==> flow/design.v <==
module alu_times_top (clock, lhs, rhs, result);
   parameter XLEN = 16;
   parameter WB = 2;
   input clock;
   input [XLEN-1:0] lhs;
   input [WB-1:0] rhs;
   output [XLEN+WB-1:0] result;
   reg [XLEN-1:0] lhs_ff;
   reg [WB-1:0] rhs_ff;
   always @(posedge clock) begin
      lhs_ff <= lhs;
      rhs_ff <= rhs;
   end
   assign result = lhs_ff * rhs_ff;
endmodule
# [Reports on alu_times_top]
# What the tools print for alu_times_top, step after step.
# Line numbers count from 1 in the design file above.
# Library cell names are shortened.
# The mark n/a stands for no value.
[design] design="alu_times_top" clk_port="clock" library="sky130hd" corner="tt_025C_1v80"

# [Word-level counts]
# Source: Yosys, flattened and elaborated, memories not mapped. Widths are those after wreduce; folded enables and synchronous resets count as part of the registers. Registers that Yosys merges into a memory's read port (data or address) are not register bits. Print and check cells do not count. Equal cells are merged and count once.
[classes] addsub=0 n_mul=1 n_div=0 n_cmp=0 equal=0 shift=0 mux=0 n_logic=0 reduce_logical=0
[op_table] operator="multiplier 16 x 2 -> 18 bit" count=1
[bits] ff_bits=18 latch_bits=0 ramBits=0 romBits=0 clocked_rd_ports_x_width=0 memories=0 inputBits=19 out_inout_bits=18

# [Longest topological paths]
# Longest topological path by Yosys (ltp), each cell counted once; first at word level (registers and memories cut), then after technology mapping (sequential cells cut; the memories' decode and read muxes count).
[depth] word_depth=1 ABC_AREA=0 mapped_depth=9

# [Synthesis result]
# Yosys stat after the flow's synthesis: flattened, memories mapped to cells. It holds for the ABC_AREA given above (unset counts as 0); a run with the other value may have another netlist.
# Totals and module areas in this step are rounded.
[by_type] cell_type="dfxtp_1" count=18 area_total_um2=360.346
[by_type] cell_type="and2_1" count=31 area_total_um2=193.936
[by_type] cell_type="ha_1" count=15 area_total_um2=187.68
[by_type] cell_type="a21oi_1" count=19 area_total_um2=95.091
[by_type] cell_type="xnor2_1" count=6 area_total_um2=52.55
[by_type] cell_type="nand2_1" count=11 area_total_um2=41.29
[by_type] cell_type="xor2_1" count=4 area_total_um2=35.034
[by_type] cell_type="nand3_1" count=6 area_total_um2=30.029
[by_type] cell_type="nor3_1" count=6 area_total_um2=30.029
[by_type] cell_type="and2b_1" count=3 area_total_um2=22.522
[by_type] cell_type="nand4_4" count=1 area_total_um2=21.27
[by_type] cell_type="o31ai_4" count=1 area_total_um2=21.27
[by_type] cell_type="fa_1" count=1 area_total_um2=20.019
[by_type] cell_type="mux2i_1" count=2 area_total_um2=20.019
[by_type] cell_type="o211a_4" count=1 area_total_um2=17.517
[by_type] cell_type="nor3_4" count=1 area_total_um2=16.266
[by_type] cell_type="a21o_1" count=2 area_total_um2=15.014
[by_type] cell_type="and2_2" count=2 area_total_um2=15.014
# Other cell types: 20; their cells: 32.
[synth_totals] cell_count=162 yosys_area_um2=1400 ffs=18

# [Path before layout]
# Path of least setup slack by OpenSTA after synthesis, without wires, with an ideal clock, recovery checks aside; 20% of the period is set as input and as output delay. Where synthesis merged equal registers, the netlist keeps one of their names.
[synth_path] path_type="flip-flop to output port" start="register rhs_ff[0]" end="output port result[9]" tclk_ps=3170 output_delay_ps=634 arrival_time_ps=2031 required_ps=2536 slack_ps=505 path_delay_ps=2031 driving_pins=10 n_path_buf=1 synth_period_reached_ps=2665
# "path_delay_ps" is the arrival time less input delay plus setup time.
# At an output port there is no setup time.
# "driving_pins": output pins that drive a net of the path, with the launching flip-flop's if there is one; two outputs of one cell count as two.
# "synth_period_reached_ps" = period - worst setup slack (recovery checks aside). The figure is calculated, with input and output delays left at 20% of the set period.
# Between the ends stands the longest chain of elaborated cells between them, by number of cells; it is not shown to be the way that was timed. Of several equally long chains one is given.
# A line is the first line of the expression or statement that the cell stems from. Yosys adds cells for indexed reads and writes and turns some case tables into memories.
[synth_between] path_cell_list="dfxtp_1 > clkbuf_1 > and2_1 > ha_1 > fa_1 > a21oi_1 > o211a_4 > o21bai_1 > a21oi_1 > xnor2_1" elab_chain_len=1 cone_cells=1 cone_classes="mul (1)"
[synth_rtl] element="start: declaration" line_no=9 source="reg [WB-1:0] rhs_ff;"
[synth_rtl] element="start: assignment" line_no=12 source="rhs_ff <= rhs;"
[synth_rtl] element="multiplier 16 x 2 -> 18 bit" line_no=14 source="assign result = lhs_ff * rhs_ff;"
[synth_rtl] element="end: declaration" line_no=7 source="output [XLEN+WB-1:0] result;"

# [Worst path after layout]
# Path of least setup slack in the final report of record 1 (OpenROAD, finished layout, wires in). Where an end is a register, its clock arrival counts in the times.
# The report prints the path's times to 10 ps; the period is as set.
[layout_path] path_type="flip-flop to output port" start="register rhs_ff[0]" end="output port result[13]" tclk_ps=1540 output_delay_ps=310 arrival_time_ps=2380 required_ps=1230 slack_ps=-1150 driving_pins=13 n_path_buf=4
# Between the ends stands the longest chain of elaborated cells between them, by number of cells; it is not shown to be the way that was timed. Of several equally long chains one is given.
[layout_between] path_cell_list="dfxtp_4 > buf_8 > and2_4 > ha_4 > fa_2 > a21oi_2 > o211a_4 > buf_6 > nor3_4 > buf_6 > mux2i_1 > nand2_1 > buf_2" elab_chain_len=1 cone_cells=1 cone_classes="mul (1)"
[layout_rtl] element="start: declaration" line_no=9 source="reg [WB-1:0] rhs_ff;"
[layout_rtl] element="start: assignment" line_no=12 source="rhs_ff <= rhs;"
[layout_rtl] element="multiplier 16 x 2 -> 18 bit" line_no=14 source="assign result = lhs_ff * rhs_ff;"
[layout_rtl] element="end: declaration" line_no=7 source="output [XLEN+WB-1:0] result;"

Subject: flow runs of alu_times_top

Hi,

Top module alu_times_top; platform sky130hd; tools Yosys and OpenROAD; 3 stored runs in no particular order. Input and output delays are each 20% of the period that was set; the output load is 0.01 pF.
"achieved clock period": clock period set for the run, less the worst setup slack. It is reckoned from that one timing run; input and output delays stay at 20% of the period that was set.
"worst setup path time" = time allowed to the worst setup path (clock period - input delay - output delay, where it has them) - its slack; a late launch clock adds to it, a late capture clock takes from it.
"power" rests on the timing tool's default activity at the inputs, not on a simulated workload.
"worst setup path time" is given in steps of 10 ps.
Values from the reports are rounded here.
[record 1] settings: period_ns=1.54, CORE_UTILIZATION=34, SETUP_SLACK_MARGIN=-0.12, PLACE_DENSITY_LB_ADDON=0.07, HOLD_SLACK_MARGIN=0.07, CORE_ASPECT_RATIO=1.44, CORE_MARGIN=3, GPL_TIMING_DRIVEN=0, GPL_ROUTABILITY_DRIVEN=0, CTS_CLUSTER_SIZE=94, CTS_CLUSTER_DIAMETER=239, SLEW_MARGIN=30, CAP_MARGIN=20
[record 1] result: chip area after synthesis (Yosys) 1400 um^2, die area 4930 um^2, standard-cell area of the final layout 2450 um^2, utilization 63.1%, worst setup slack after layout -1150 ps, total negative slack -15100 ps, worst hold slack 483 ps, power 1.55 mW, achieved clock period 2686 ps, worst setup path time 2380 ps, worst setup path kind flip-flop to output port
[record 2] settings: period_ns=3.17, CAP_MARGIN=20, CORE_MARGIN=2, CORE_UTILIZATION=40, SLEW_MARGIN=20
[record 2] result: chip area after synthesis (Yosys) 1400 um^2, die area 3990 um^2, standard-cell area of the final layout 2140 um^2, utilization 64.2%, worst setup slack after layout 173 ps, total negative slack 0 ps, worst hold slack 767 ps, power 0.659 mW, achieved clock period 2997 ps, worst setup path time 2360 ps, worst setup path kind flip-flop to output port
[record 3] settings: period_ns=1.96, CORE_UTILIZATION=62, PLACE_DENSITY_LB_ADDON=0.19, CORE_ASPECT_RATIO=1.54, CELL_PAD_IN_SITES_DETAIL_PLACEMENT=2, TNS_END_PERCENT=80, ABC_AREA=1, CTS_CLUSTER_DIAMETER=366, SLEW_MARGIN=25, MIN_ROUTING_LAYER=met1, MAX_ROUTING_LAYER=met5, CAP_MARGIN=20, CORE_MARGIN=2
[record 3] result: did not finish, placement stopped with DPL-0033

Regards
